==> flow/design.v <==
module add_mod #(
    parameter DATA_WIDTH = 6
) (
    input  wire ck,
    input  wire [DATA_WIDTH-1:0] rs1_in,
    input  wire [DATA_WIDTH-1:0] rs2_in,
    input  wire cy_in_in,
    output wire [DATA_WIDTH-1:0] o_out,
    output wire cy_out
);
    reg [DATA_WIDTH-1:0] rs1_s;
    reg [DATA_WIDTH-1:0] rs2_s;
    reg cy_in_s;
    always @(posedge ck) begin
        rs1_s <= rs1_in;
        rs2_s <= rs2_in;
        cy_in_s <= cy_in_in;
    end
    wire [DATA_WIDTH-1:0] r;
    wire [DATA_WIDTH:0] carry;
    assign carry[0] = cy_in_s;
    genvar g;
    generate
        for (g = 0; g < DATA_WIDTH; g = g + 1) begin : slice
            assign r[g] = rs1_s[g] ^ rs2_s[g] ^ carry[g];
            assign carry[g+1] = (rs1_s[g] & rs2_s[g]) | (carry[g] & (rs1_s[g] ^ rs2_s[g]));
        end
    endgenerate
    assign o_out = r;
    assign cy_out = carry[DATA_WIDTH];
endmodule
# ---- Reports on add_mod
# Tool output for the members of one design family, told apart by "DATA_WIDTH", in the order of the flow.
# The RTL above is that of DATA_WIDTH 6; lines are counted from 1 in the file of the member named.
# Operators carry their Yosys type and port widths (W data, S select, Z words).
# Not given: -
dict set report design {
  top_module {add_mod}
  clock {ck}
  library {sky130hd}
  pvt_corner {tt_025C_1v80}
}

# ---- Source of the members
# Lines of each other member's file that are new or changed against the file above; lines that a member lacks are not shown.
# DATA_WIDTH line
set changed_lines {}
lappend changed_lines {14 2} ;# parameter DATA_WIDTH = 14
lappend changed_lines {16 2} ;# parameter DATA_WIDTH = 16
lappend changed_lines {28 2} ;# parameter DATA_WIDTH = 28
lappend changed_lines {96 2} ;# parameter DATA_WIDTH = 96

# ---- After elaboration
# Source: Yosys, flattened and elaborated, memories not mapped. Widths are those after wreduce; folded enables and synchronous resets count as part of the registers. Registers that Yosys merges into a memory's read port (data or address) are not register bits. Print and check cells do not count. Equal cells are merged and count once.
# DATA_WIDTH logic
set classes {}
lappend classes {6 30}
lappend classes {14 70}
lappend classes {16 80}
lappend classes {28 140}
lappend classes {96 480}
# DATA_WIDTH operators
set op_table {}
lappend op_table {6 {$and A1 B1 Y1: 12; $xor A1 B1 Y1: 12; $or A1 B1 Y1: 6}}
lappend op_table {14 {$and A1 B1 Y1: 28; $xor A1 B1 Y1: 28; $or A1 B1 Y1: 14}}
lappend op_table {16 {$and A1 B1 Y1: 32; $xor A1 B1 Y1: 32; $or A1 B1 Y1: 16}}
lappend op_table {28 {$and A1 B1 Y1: 56; $xor A1 B1 Y1: 56; $or A1 B1 Y1: 28}}
lappend op_table {96 {$and A1 B1 Y1: 192; $xor A1 B1 Y1: 192; $or A1 B1 Y1: 96}}
# DATA_WIDTH regBits in_bits output_inout_bits elab_cells
set bits {}
lappend bits {6 13 14 7 33}
lappend bits {14 29 30 15 73}
lappend bits {16 33 34 17 83}
lappend bits {28 57 58 29 143}
lappend bits {96 193 194 97 483}

# ---- Depth
# Yosys ltp: most cells in a row. Word level: on the elaborated netlist, between registers, memories and ports. Mapped: between sequential cells and ports; inverters and the memories' decode and read muxes count.
# DATA_WIDTH depth_word abc_area depth_mapped mapped_depth_nobuf
set logic_depth {}
lappend logic_depth {6 13 0 10 10}
lappend logic_depth {14 29 0 18 18}
lappend logic_depth {16 33 0 20 20}
lappend logic_depth {28 57 0 32 32}
lappend logic_depth {96 193 0 100 100}

# ---- After synthesis
# The flow's flattened synthesis, as Yosys stat reports it; memories are mapped. The netlist is that of the ABC_AREA named above (0 if unset); the other value can give another one.
# DATA_WIDTH cell_types
set types {}
lappend types {6 {sky130_fd_sc_hd__dfxtp_1: 13; sky130_fd_sc_hd__fa_1: 6; sky130_fd_sc_hd__inv_1: 10}}
lappend types {14 {sky130_fd_sc_hd__dfxtp_1: 29; sky130_fd_sc_hd__fa_1: 14; sky130_fd_sc_hd__inv_1: 10}}
lappend types {16 {sky130_fd_sc_hd__dfxtp_1: 33; sky130_fd_sc_hd__fa_1: 16; sky130_fd_sc_hd__inv_1: 10}}
lappend types {28 {sky130_fd_sc_hd__dfxtp_1: 57; sky130_fd_sc_hd__fa_1: 28; sky130_fd_sc_hd__inv_1: 10}}
lappend types {96 {sky130_fd_sc_hd__dfxtp_1: 193; sky130_fd_sc_hd__fa_1: 96; sky130_fd_sc_hd__inv_1: 10}}
# DATA_WIDTH stdcells yosys_area_um2 seqArea_um2 ff_cells n_buf
set mapped {}
lappend mapped {6 29 417.9 260.2 13 0}
lappend mapped {14 53 898.4 580.6 29 0}
lappend mapped {16 59 1018.5 660.6 33 0}
lappend mapped {28 95 1739.2 1141.1 57 0}
lappend mapped {96 299 5823.1 3863.7 193 0}

# ---- Timing after synthesis
# OpenSTA on the mapped netlist: ideal clock, no wires. The path of least setup slack (recovery checks aside). Input and output delay are each 20% of the period. Register names are those of the netlist, which keeps one name where synthesis merged equal registers.
# DATA_WIDTH path_type from to clock_period_ns slack_ns path_stages path_delay_ns synth_period_reached_ns
set synth_timing {}
lappend synth_timing {6 reg-to-output {reg rs1_s[0]} {out o_out[5]} 4.08 0.652 11 2.612 3.428}
lappend synth_timing {14 reg-to-output {reg rs1_s[0]} {out o_out[13]} 8.83 1.415 19 5.649 7.415}
lappend synth_timing {16 reg-to-output {reg rs1_s[0]} {out o_out[15]} 10.0 1.591 21 6.409 8.409}
lappend synth_timing {28 reg-to-output {reg rs1_s[0]} {out o_out[27]} 17.1 2.715 33 10.965 14.385}
lappend synth_timing {96 reg-to-output {reg rs1_s[0]} {out o_out[95]} 57.5 9.213 101 36.787 48.287}
# "path_delay_ns" = arrival - input delay + setup time.
# A path that ends at an output port has no setup time.
# "path_stages" counts driving pins, that of a launching flip-flop among them; a cell with two outputs on the path counts twice.
# "synth_period_reached_ns" = period - worst setup slack (recovery checks aside). The figure is calculated, with input and output delays left at 20% of the set period.
# The rows between start and end are the longest chain of elaborated cells between them; the timing report does not say that the signal goes this way. Where chains are equally long, one stands for them.
# Each line given opens the expression or statement behind the cell; cells for indexed reads and writes are added by Yosys, which also makes memories of some case tables.
dict set report synth_via_DATA_WIDTH_6 {
  elab_chain_len 12
}
# element line
set synth_rtl_DATA_WIDTH_6 {}
lappend synth_rtl_DATA_WIDTH_6 {{from (decl)} 11} ;# reg [DATA_WIDTH-1:0] rs1_s;
lappend synth_rtl_DATA_WIDTH_6 {{from (assign)} 15} ;# rs1_s <= rs1_in;
lappend synth_rtl_DATA_WIDTH_6 {{$xor A1 B1 Y1} 26} ;# assign carry[g+1] = (rs1_s[g] & rs2_s[g]) | (carry[g] & (rs1_s[g] ^ rs2_s[g]));
lappend synth_rtl_DATA_WIDTH_6 {{$and A1 B1 Y1} 26}
lappend synth_rtl_DATA_WIDTH_6 {{$or A1 B1 Y1} 26}
lappend synth_rtl_DATA_WIDTH_6 {{$and A1 B1 Y1} 26}
lappend synth_rtl_DATA_WIDTH_6 {{$or A1 B1 Y1} 26}
lappend synth_rtl_DATA_WIDTH_6 {{$and A1 B1 Y1} 26}
lappend synth_rtl_DATA_WIDTH_6 {{$or A1 B1 Y1} 26}
lappend synth_rtl_DATA_WIDTH_6 {{$and A1 B1 Y1} 26}
lappend synth_rtl_DATA_WIDTH_6 {{$or A1 B1 Y1} 26}
lappend synth_rtl_DATA_WIDTH_6 {{$and A1 B1 Y1} 26}
lappend synth_rtl_DATA_WIDTH_6 {{$or A1 B1 Y1} 26}
lappend synth_rtl_DATA_WIDTH_6 {{$xor A1 B1 Y1} 25} ;# assign r[g] = rs1_s[g] ^ rs2_s[g] ^ carry[g];
lappend synth_rtl_DATA_WIDTH_6 {{to (decl)} 8} ;# output wire [DATA_WIDTH-1:0] o_out,
dict set report synth_via_DATA_WIDTH_96 {
  elab_chain_len 192
}
# element line
set synth_rtl_DATA_WIDTH_96 {}
lappend synth_rtl_DATA_WIDTH_96 {{from (decl)} 11} ;# reg [DATA_WIDTH-1:0] rs1_s;
lappend synth_rtl_DATA_WIDTH_96 {{from (assign)} 15} ;# rs1_s <= rs1_in;
lappend synth_rtl_DATA_WIDTH_96 {{$xor A1 B1 Y1} 26} ;# assign carry[g+1] = (rs1_s[g] & rs2_s[g]) | (carry[g] & (rs1_s[g] ^ rs2_s[g]));
lappend synth_rtl_DATA_WIDTH_96 {{$and A1 B1 Y1} 26}
lappend synth_rtl_DATA_WIDTH_96 {{$or A1 B1 Y1} 26}
lappend synth_rtl_DATA_WIDTH_96 {{$and A1 B1 Y1} 26}
lappend synth_rtl_DATA_WIDTH_96 {{$or A1 B1 Y1} 26}
lappend synth_rtl_DATA_WIDTH_96 {{$and A1 B1 Y1} 26}
lappend synth_rtl_DATA_WIDTH_96 {{$or A1 B1 Y1} 26}
lappend synth_rtl_DATA_WIDTH_96 {{(+178 left out)} -}
lappend synth_rtl_DATA_WIDTH_96 {{$and A1 B1 Y1} 26}
lappend synth_rtl_DATA_WIDTH_96 {{$or A1 B1 Y1} 26}
lappend synth_rtl_DATA_WIDTH_96 {{$and A1 B1 Y1} 26}
lappend synth_rtl_DATA_WIDTH_96 {{$or A1 B1 Y1} 26}
lappend synth_rtl_DATA_WIDTH_96 {{$and A1 B1 Y1} 26}
lappend synth_rtl_DATA_WIDTH_96 {{$or A1 B1 Y1} 26}
lappend synth_rtl_DATA_WIDTH_96 {{$xor A1 B1 Y1} 25} ;# assign r[g] = rs1_s[g] ^ rs2_s[g] ^ carry[g];
lappend synth_rtl_DATA_WIDTH_96 {{to (decl)} 8} ;# output wire [DATA_WIDTH-1:0] o_out,

# ---- Path in the finished layout
# Path of least setup slack in the final report of each member's run (OpenROAD, finished layout, wires in). Where an end is a register, its clock arrival counts in the times.
# DATA_WIDTH path_type from to clock_period_ns slack_ns path_stages t_arrival_ns path_buffers
set layout_timing {}
lappend layout_timing {6 reg-to-output {reg rs1_s[0]} {out o_out[5]} 4.08 0.22 12 3.05 1}
lappend layout_timing {14 reg-to-output {reg rs1_s[0]} {out o_out[13]} 8.83 0.35 20 6.72 1}
lappend layout_timing {16 reg-to-output {reg rs1_s[0]} {out o_out[15]} 10.0 0.51 22 7.49 1}
lappend layout_timing {28 reg-to-output {reg rs1_s[0]} {out o_out[27]} 17.1 1.44 34 12.24 1}
lappend layout_timing {96 reg-to-output {reg rs1_s[0]} {out o_out[95]} 57.5 6.55 102 39.45 1}

# ---- Layout results
# Settings and results of one run of the flow (Yosys, OpenROAD) for each member follow. The constraints put input and output delay at 20% of the set period each and load the outputs with 0.01 pF.
dict set report settings {
  CAP_MARGIN 20
  CORE_MARGIN 2
  CORE_UTILIZATION 40
  SLEW_MARGIN 20
}
# DATA_WIDTH period_ns
set settings_diff {}
lappend settings_diff {6 4.08}
lappend settings_diff {14 8.83}
lappend settings_diff {16 10.0}
lappend settings_diff {28 17.1}
lappend settings_diff {96 57.5}
# DATA_WIDTH yosys_chip_area_um2 die_um2 layout_stdcell_area_um2 layout_utilization_pct final_setup_ws_ns tns_setup_ns worst_hold_slack_ns fin_power_w clock_period_reached_ns
set measured {}
lappend measured {6 417.9 1319.1 653.1 68.8 0.217 0.000 1.000 0.0002511 3.863}
lappend measured {14 898.4 2640.9 1428.9 65.9 0.347 0.000 1.891 0.0002782 8.483}
lappend measured {16 1018.5 2965.9 1626.6 66.3 0.511 0.000 2.112 0.0002839 9.489}
lappend measured {28 1739.2 4891.6 2851.5 69.8 1.439 0.000 3.536 0.0003241 15.661}
lappend measured {96 5823.1 15538.9 9482.8 66.0 6.549 0.000 11.527 0.0003173 50.951}
# "clock_period_reached_ns": clock period set for the run, less the worst setup slack. It is reckoned from that one timing run; input and output delays stay at 20% of the period that was set.
# "fin_power_w" is the tool's figure for a default switching activity; nothing was simulated.
